==> flow/design.v <==
module mux_stage (clk_i, aresetn, adv, d_0_in, d_1_in, d_2_in, d_3_in, d_4_in, select_in, o_out);
  parameter BITS = 32;
  input clk_i;
  input aresetn;
  input adv;
  input [BITS-1:0] d_0_in;
  input [BITS-1:0] d_1_in;
  input [BITS-1:0] d_2_in;
  input [BITS-1:0] d_3_in;
  input [BITS-1:0] d_4_in;
  input [2:0] select_in;
  output reg [BITS-1:0] o_out;
  reg [BITS-1:0] work;
  always @* begin
    if (select_in == 0) work = d_0_in;
    else if (select_in == 1) work = d_1_in;
    else if (select_in == 2) work = d_2_in;
    else if (select_in == 3) work = d_3_in;
    else work = d_4_in;
  end
  always @(posedge clk_i or negedge aresetn) begin
    if (~aresetn) begin
      o_out <= 0;
    end else if (adv) begin
      o_out <= work;
    end
  end
endmodule
Reports on mux_stage
What the tools print for mux_stage, step after step.
Lines are those of the file above, counted from 1.
Cell names lack the library's common part.
The mark -- stands for no value.
- top: mux_stage
- clock input: clk_i
- cell library: sky130hd
- timing corner: tt_025C_1v80

Word level
Counts by Yosys on the flattened word-level netlist (proc, flatten, opt, wreduce; memories kept). Register bits leave out memories and registers merged into their read ports (data or address); mux counts leave out enables and synchronous resets folded into registers. Print and check cells are left out. Cells with the same type and inputs are merged into one.
- noted register bits after elaboration: 32
- cells after elaboration at 9
- noted input port bits: 166
- output and inout bits at 32
- multiplexer cells: 4
- noted reduce/logical cells: 1
- noted equal/unequal tests: 3
- operators by type and width (kind ; number):
    32-bit 2-to-1 mux ; 4
    3-bit by 2-bit == test with 1-bit output with constant B ; 2
    3-bit by 1-bit == test with 1-bit output with constant B ; 1
    3-bit zero test ; 1

Logic depth
Depth = most cells in a row (Yosys ltp): at word level without a register or memory, in the mapped netlist without a sequential cell, where the memories' decode and read muxes count.
- noted depth after elaboration: 5
- ABC_AREA at 0
- depth in mapped cells at 6
- noted mapped depth without buffers: 3

Netlist
The flow's flattened synthesis, as Yosys stat reports it; memories are mapped. The netlist is that of the ABC_AREA named above (0 if unset); the other value can give another one.
- buffer cells at 36
- noted mapped flip-flops: 32
- sequential area at 800.8 um^2
- cells in the netlist: 301
- chip area (Yosys) at 2600.0 um^2
- cells by type (cell ; number ; total area (um^2)):
    dfrtp_1 ; 32 ; 800.768
    o221ai_1 ; 30 ; 262.752
    o22a_1 ; 15 ; 131.376
    mux2_4 ; 8 ; 120.115
    a21o_1 ; 15 ; 112.608
    nand3b_1 ; 15 ; 112.608
    a222oi_1 ; 11 ; 110.106
    inv_1 ; 26 ; 97.594
    buf_2 ; 18 ; 90.086
    a21oi_1 ; 15 ; 75.072
    nand3_1 ; 15 ; 75.072
    nand2b_1 ; 11 ; 68.816
    o22ai_1 ; 11 ; 68.816
    a221o_1 ; 6 ; 60.058
    mux2i_1 ; 6 ; 60.058
    clkbuf_1 ; 14 ; 52.55
    nand2_1 ; 12 ; 45.043
    o21ai_0 ; 9 ; 45.043
Not listed: further types 12, cells in them 32.

Worst setup path after synthesis
Path of least setup slack by OpenSTA after synthesis, without wires, with an ideal clock, recovery checks aside; 20% of the period is set as input and as output delay. Where synthesis merged equal registers, the netlist keeps one of their names.
- path type: input port to flip-flop
- start: in select_in[0]
- end: reg o_out[15]
- noted setup time: 138 ps
- noted data required time: 1582 ps
- noted stages on the path: 5
- period at 1720 ps
- data arrival time: 1305 ps
- delay of the path at 1099 ps
- path slack: 278 ps
- path buffers at 2
- launch time at the first pin at 344 ps
- noted input delay: 344 ps
- synthesis period reached at 1442 ps
"delay of the path" = arrival - input delay + setup time.
"stages on the path": output pins that drive a net of the path, with the launching flip-flop's if there is one; two outputs of one cell count as two.
"synthesis period reached" = period - worst setup slack (recovery checks aside). The figure is calculated, with input and output delays left at 20% of the set period.
Between the ends stands the longest chain of elaborated cells between them, by number of cells; it is not shown to be the way that was timed. Of several equally long chains one is given.
A line is the first line of the expression or statement that the cell stems from. Yosys adds cells for indexed reads and writes and turns some case tables into memories.
- path through: buf_6 buf_6 mux2_4 a222oi_1 o22ai_1
- length of the longest elaborated chain at 5
- elaborated cells between the ends (all ways): 8
- source lines of those cells: 4
- those cells by class: eq/ne: 3; mux: 4; reduce/logical: 1
- ends and longest elaborated chain, after synthesis (what ; line ; text):
    start: declaration ; 11 ; input [2:0] select_in;
    3-bit by 2-bit == test with 1-bit output ; 18 ; else if (select_in == 3) work = d_3_in;
    32-bit 2-to-1 mux ; 18 ;
    32-bit 2-to-1 mux ; 17 ; else if (select_in == 2) work = d_2_in;
    32-bit 2-to-1 mux ; 16 ; else if (select_in == 1) work = d_1_in;
    32-bit 2-to-1 mux ; 15 ; if (select_in == 0) work = d_0_in;
    end: assignment ; 23 ; o_out <= 0;
    end: assignment ; 25 ; o_out <= work;
    end: declaration ; 12 ; output reg [BITS-1:0] o_out;

Timing after layout
Path of least setup slack in the final report of flow run 1 (OpenROAD, finished layout, wires in). Where an end is a register, its clock arrival counts in the times.
The report prints the path's times to 10 ps; the period is as set.
- path type: flip-flop to output port
- start: reg o_out[12]
- end: out o_out[12]
- period at 1720 ps
- data arrival time: 1220 ps
- launch time at the first pin at 280 ps
- path buffers at 1
- noted data required time: 1380 ps
- noted stages on the path: 2
- path slack: 150 ps
- external output delay: 340 ps
- path through: dfrtp_1 clkdlybuf4s50_1
- length of the longest elaborated chain at 0
- elaborated cells between the ends (all ways): 0
- source lines of those cells: 0
- ends and longest elaborated chain, after layout (what ; line ; text):
    start: declaration ; 12 ; output reg [BITS-1:0] o_out;
    start: assignment ; 23 ; o_out <= 0;
    start: assignment ; 25 ; o_out <= work;
    end: declaration ; 12 ;

## Implementation results

Below are 3 stored runs of the flow (Yosys, OpenROAD; platform sky130hd) on mux_stage, each with its settings and what was measured, unordered. Constraints: input delay and output delay 20% of the set period each, output load 0.01 pF.
"reached clock period" is the run's clock period less its worst setup slack. It is reckoned from that one timing run; input and output delays stay at 20% of the period that was set.

Flow run 1
Settings were period_ns = 1.72; CAP_MARGIN = 20; CORE_MARGIN = 2; CORE_UTILIZATION = 40; SLEW_MARGIN = 20
- mapped cell area after synthesis: 2600.0 um^2
- area of the die: 7160.5 um^2
- utilization after layout: 74.7 %
- setup slack of the worst path at 154 ps
- reached clock period at 1566 ps

Flow run 2
Settings were period_ns = 1.0; CORE_UTILIZATION = 19; PLACE_DENSITY_LB_ADDON = 0.15; HOLD_SLACK_MARGIN = 0.3; CORE_ASPECT_RATIO = 0.66; CORE_MARGIN = 3; CELL_PAD_IN_SITES_DETAIL_PLACEMENT = 0; TNS_END_PERCENT = 50; GPL_TIMING_DRIVEN = 1; GPL_ROUTABILITY_DRIVEN = 0; CTS_CLUSTER_SIZE = 76; CTS_CLUSTER_DIAMETER = 213; CAP_MARGIN = 40; SLEW_MARGIN = 20
- mapped cell area after synthesis: 2600.0 um^2
- area of the die: 15154.2 um^2
- utilization after layout: 40.8 %
- setup slack of the worst path at -6 ps
- reached clock period at 1006 ps

Flow run 3
Settings were period_ns = 1.44; CORE_UTILIZATION = 45; PLACE_DENSITY_LB_ADDON = 0.17; TNS_END_PERCENT = 25; GPL_TIMING_DRIVEN = 0; GPL_ROUTABILITY_DRIVEN = 1; CTS_CLUSTER_SIZE = 60; CAP_MARGIN = 20; CORE_MARGIN = 2; SLEW_MARGIN = 20
- mapped cell area after synthesis: 2600.0 um^2
- area of the die: 6401.6 um^2
- utilization after layout: 85.3 %
- setup slack of the worst path at 94 ps
- reached clock period at 1346 ps
